==> flow/design.v <==
module dp_arith_add_top #(
  parameter BITS = 12,
  parameter GUARD = 2
) (
  input  wire core_clk,
  input  wire rstn,
  input  wire [BITS-1:0] val,
  input  wire init,
  output wire [BITS+GUARD-1:0] s
);
  reg [BITS+GUARD-1:0] total;
  always @(posedge core_clk or negedge rstn) begin
    if (!rstn) begin
      total <= 0;
    end else begin
      total <= init ? 0 : total + val;
    end
  end
  assign s = total;
endmodule
# Reports on dp_arith_add_top
# What the tools print for dp_arith_add_top, step after step.
# Lines are those of the file above, counted from 1.
# Cell names lack the library's common part.
# Not given: n/a
# design
top	dp_arith_add_top
clock_port	core_clk
lib	sky130hd
pvt_corner	tt_025C_1v80

# After elaboration
# Counts by Yosys on the flattened word-level netlist (proc, flatten, opt, wreduce; memories kept). Register bits leave out memories and registers merged into their read ports (data or address); mux counts leave out enables and synchronous resets folded into registers. Print and check cells are left out. Cells with the same type and inputs are merged into one.
# word_totals
in_bits	15
reg_bits	14
wordCells	3
out_inout_bits	14
# classes
muxes	1
addsub	1
# op_table
operator	count
adder 14 x 12 -> 14 bit	1
2-to-1 mux 14 bit	1

# Logic depth
# Longest topological path by Yosys (ltp), each cell counted once; first at word level (registers and memories cut), then after technology mapping (sequential cells cut; the memories' decode and read muxes count).
# logic_depth
ltp_word	2
abc_area	0
ltp_mapped	8
depth_no_buf	8

# Netlist
# The flow's flattened synthesis, as Yosys stat reports it; memories are mapped. The netlist is that of the ABC_AREA named above (0 if unset); the other value can give another one.
# mapped
buf_cells	2
seq_area_um2	350.3
cell_count	109
yosys_area_um2	1021.0
ffs	14
# by_type
type	count	type_area_um2
dfrtp_1	14	350.336
ha_1	12	150.144
a21oi_1	9	45.043
o21a_1	5	37.536
nor3_1	7	35.034
nor2_1	7	26.275
nor2b_1	4	25.024
o21ai_0	5	25.024
a211oi_1	3	22.522
fa_1	1	20.019
inv_1	5	18.768
nand2_1	5	18.768
o31a_1	2	17.517
a21boi_0	2	15.014
a21o_1	2	15.014
nand4_1	2	12.512
buf_6	1	11.261
mux2_2	1	11.261
# Not listed: further types 21, cells in them 22.

# Path before layout
# OpenSTA on the mapped netlist: ideal clock, no wires. The path of least setup slack (recovery checks aside). Input and output delay are each 20% of the period. Register names are those of the netlist, which keeps one name where synthesis merged equal registers.
# synth_timing
kind	input to register
from	in val[4]
to	reg total[13]
setup_ns	0.125
clock_period_ns	2.51
input_delay_ns	0.502
path_buffers	0
t_first_pin_ns	0.502
arrival_time_ns	1.984
path_delay_ns	1.607
stages	6
path_slack_ns	0.402
t_required_ns	2.385
synth_period_reached_ns	2.108
# "path_delay_ns" is the arrival time less input delay plus setup time.
# "stages": output pins that drive a net of the path, with the launching flip-flop's if there is one; two outputs of one cell count as two.
# "synth_period_reached_ns" = period - worst setup slack (recovery checks aside). The figure is calculated, with input and output delays left at 20% of the set period.
# The rows between start and end are the longest chain of elaborated cells between them; the timing report does not say that the signal goes this way. Where chains are equally long, one stands for them.
# Each line given opens the expression or statement behind the cell; cells for indexed reads and writes are added by Yosys, which also makes memories of some case tables.
# synth_between
cell_sequence	ha_1 -> a21o_1 -> a31oi_1 -> a21oi_1 -> o311ai_1 -> mux2_2
elab_chain_cells	2
cone_cells	2
cone_lines	1
classes_between	1 x add/sub; 1 x mux
# synth_lines
element	line	text
start, declared	7	input  wire [BITS-1:0] val,
adder 14 x 12 -> 14 bit	16	total <= init ? 0 : total + val;
2-to-1 mux 14 bit	16
end, assigned	14	total <= 0;
end, assigned	16
end, declared	11	reg [BITS+GUARD-1:0] total;

# Timing after layout
# Path of least setup slack in the final report of run A (OpenROAD, finished layout, wires in). Where an end is a register, its clock arrival counts in the times.
# layout_timing
kind	input to register
from	in val[6]
to	reg total[10]
clock_period_ns	2.51
t_required_ns	2.73
setup_ns	0.06
arrival_time_ns	2.45
stages	7
path_buffers	1
input_delay_ns	0.50
path_slack_ns	0.28
t_first_pin_ns	0.50
# The rows between start and end are the longest chain of elaborated cells between them; the timing report does not say that the signal goes this way. Where chains are equally long, one stands for them.
# layout_between
cell_sequence	clkdlybuf4s50_1 -> ha_1 -> a211o_1 -> and2_4 -> or2_4 -> or4_1 -> nand3_1
elab_chain_cells	2
cone_cells	2
cone_lines	1
classes_between	1 x add/sub; 1 x mux
# layout_lines
element	line	text
start, declared	7	input  wire [BITS-1:0] val,
adder 14 x 12 -> 14 bit	16	total <= init ? 0 : total + val;
2-to-1 mux 14 bit	16
end, assigned	14	total <= 0;
end, assigned	16
end, declared	11	reg [BITS+GUARD-1:0] total;

Subject: flow runs of dp_arith_add_top

Hi,

Settings and measured results of 3 stored flow runs for module dp_arith_add_top (sky130hd), not sorted in any way. The constraints put input and output delay at 20% of the set period each and load the outputs with 0.01 pF.
"period_less_ws_ns": clock period set for the run, less the worst setup slack. It is reckoned from that one timing run; input and output delays stay at 20% of the period that was set.
By "critical_path_time_ns" is meant the share of the clock period that the worst setup path is allowed (20% is reserved at inputs, 20% at outputs), minus its slack. Clock arrival times at its registers enter into it.

Run A, flow files:
==> flow/run.sh <==
#!/bin/bash
# the make line also repeats the synthesis and layout settings of config.mk as NAME=value (left out here)
make -C /OpenROAD-flow-scripts/flow DESIGN_CONFIG=/design/flow/config.mk WORK_HOME=/design/flow/orfs CLKGATE_MAP_FILE= finish
==> flow/config.mk <==
export PLATFORM = sky130hd
export DESIGN_NAME = dp_arith_add_top
export DESIGN_NICKNAME = dp_arith_add_top
export VERILOG_FILES = /design/flow/design.v
export SDC_FILE = /design/flow/constraint.sdc
export NUM_CORES = 4
export LEC_CHECK = 0
export CAP_MARGIN = 20
export CORE_MARGIN = 2
export CORE_UTILIZATION = 40
export SLEW_MARGIN = 20
==> flow/constraint.sdc <==
create_clock -name core_clock -period 2.51 [get_ports {core_clk}]
set_input_delay 0.5020 -clock core_clock [delete_from_list [all_inputs] [get_ports {core_clk}]]
set_output_delay 0.5020 -clock core_clock [all_outputs]
set_load 0.01 [all_outputs]

==> results of run A, as CSV <==
result,value
critical_path_time_ns,1.72
critical_path_kind,"input to register"
post_route_util_pct,59.7
dieArea_um2,2972.4
ys_area_um2,1021.0
finish.stdcell_area_um2,1466.4
setup_ws_ns,0.284
tns_ns,0.000
period_less_ws_ns,2.226

Run B, flow files:
==> flow/run.sh <==
#!/bin/bash
# the make line also repeats the synthesis and layout settings of config.mk as NAME=value (left out here)
make -C /OpenROAD-flow-scripts/flow DESIGN_CONFIG=/design/flow/config.mk WORK_HOME=/design/flow/orfs CLKGATE_MAP_FILE= finish
==> flow/config.mk <==
export PLATFORM = sky130hd
export DESIGN_NAME = dp_arith_add_top
export DESIGN_NICKNAME = dp_arith_add_top
export VERILOG_FILES = /design/flow/design.v
export SDC_FILE = /design/flow/constraint.sdc
export NUM_CORES = 4
export LEC_CHECK = 0
export CAP_MARGIN = 20
export CELL_PAD_IN_SITES_GLOBAL_PLACEMENT = 0
export CORE_MARGIN = 2
export CORE_UTILIZATION = 51
export GPL_ROUTABILITY_DRIVEN = 1
export PLACE_DENSITY_LB_ADDON = 0.04
export SETUP_SLACK_MARGIN = -0.05
export SLEW_MARGIN = 40
==> flow/constraint.sdc <==
create_clock -name core_clock -period 3.89 [get_ports {core_clk}]
set_input_delay 0.7780 -clock core_clock [delete_from_list [all_inputs] [get_ports {core_clk}]]
set_output_delay 0.7780 -clock core_clock [all_outputs]
set_load 0.01 [all_outputs]

==> results of run B, as CSV <==
result,value
critical_path_time_ns,1.88
critical_path_kind,"input to register"
post_route_util_pct,70.6
dieArea_um2,2375.6
ys_area_um2,1021.0
finish.stdcell_area_um2,1356.3
setup_ws_ns,1.232
tns_ns,0.000
period_less_ws_ns,2.658

Run C, flow files:
==> flow/run.sh <==
#!/bin/bash
# the make line also repeats the synthesis and layout settings of config.mk as NAME=value (left out here)
make -C /OpenROAD-flow-scripts/flow DESIGN_CONFIG=/design/flow/config.mk WORK_HOME=/design/flow/orfs CLKGATE_MAP_FILE= finish
==> flow/config.mk <==
export PLATFORM = sky130hd
export DESIGN_NAME = dp_arith_add_top
export DESIGN_NICKNAME = dp_arith_add_top
export VERILOG_FILES = /design/flow/design.v
export SDC_FILE = /design/flow/constraint.sdc
export NUM_CORES = 4
export LEC_CHECK = 0
export CAP_MARGIN = 20
export CELL_PAD_IN_SITES_DETAIL_PLACEMENT = 0
export CORE_ASPECT_RATIO = 0.83
export CORE_MARGIN = 2
export CORE_UTILIZATION = 45
export CTS_CLUSTER_DIAMETER = 340
export CTS_CLUSTER_SIZE = 25
export GPL_TIMING_DRIVEN = 0
export MAX_ROUTING_LAYER = met4
export MIN_ROUTING_LAYER = met1
export SETUP_SLACK_MARGIN = -0.06
export SLEW_MARGIN = 25
==> flow/constraint.sdc <==
create_clock -name core_clock -period 1.37 [get_ports {core_clk}]
set_input_delay 0.2740 -clock core_clock [delete_from_list [all_inputs] [get_ports {core_clk}]]
set_output_delay 0.2740 -clock core_clock [all_outputs]
set_load 0.01 [all_outputs]

==> results of run C, as CSV <==
result,value
critical_path_time_ns,1.64
critical_path_kind,"input to register"
post_route_util_pct,75.5
dieArea_um2,2667.6
ys_area_um2,1021.0
finish.stdcell_area_um2,1601.5
setup_ws_ns,-0.540
tns_ns,-4.490
period_less_ws_ns,1.910

Regards
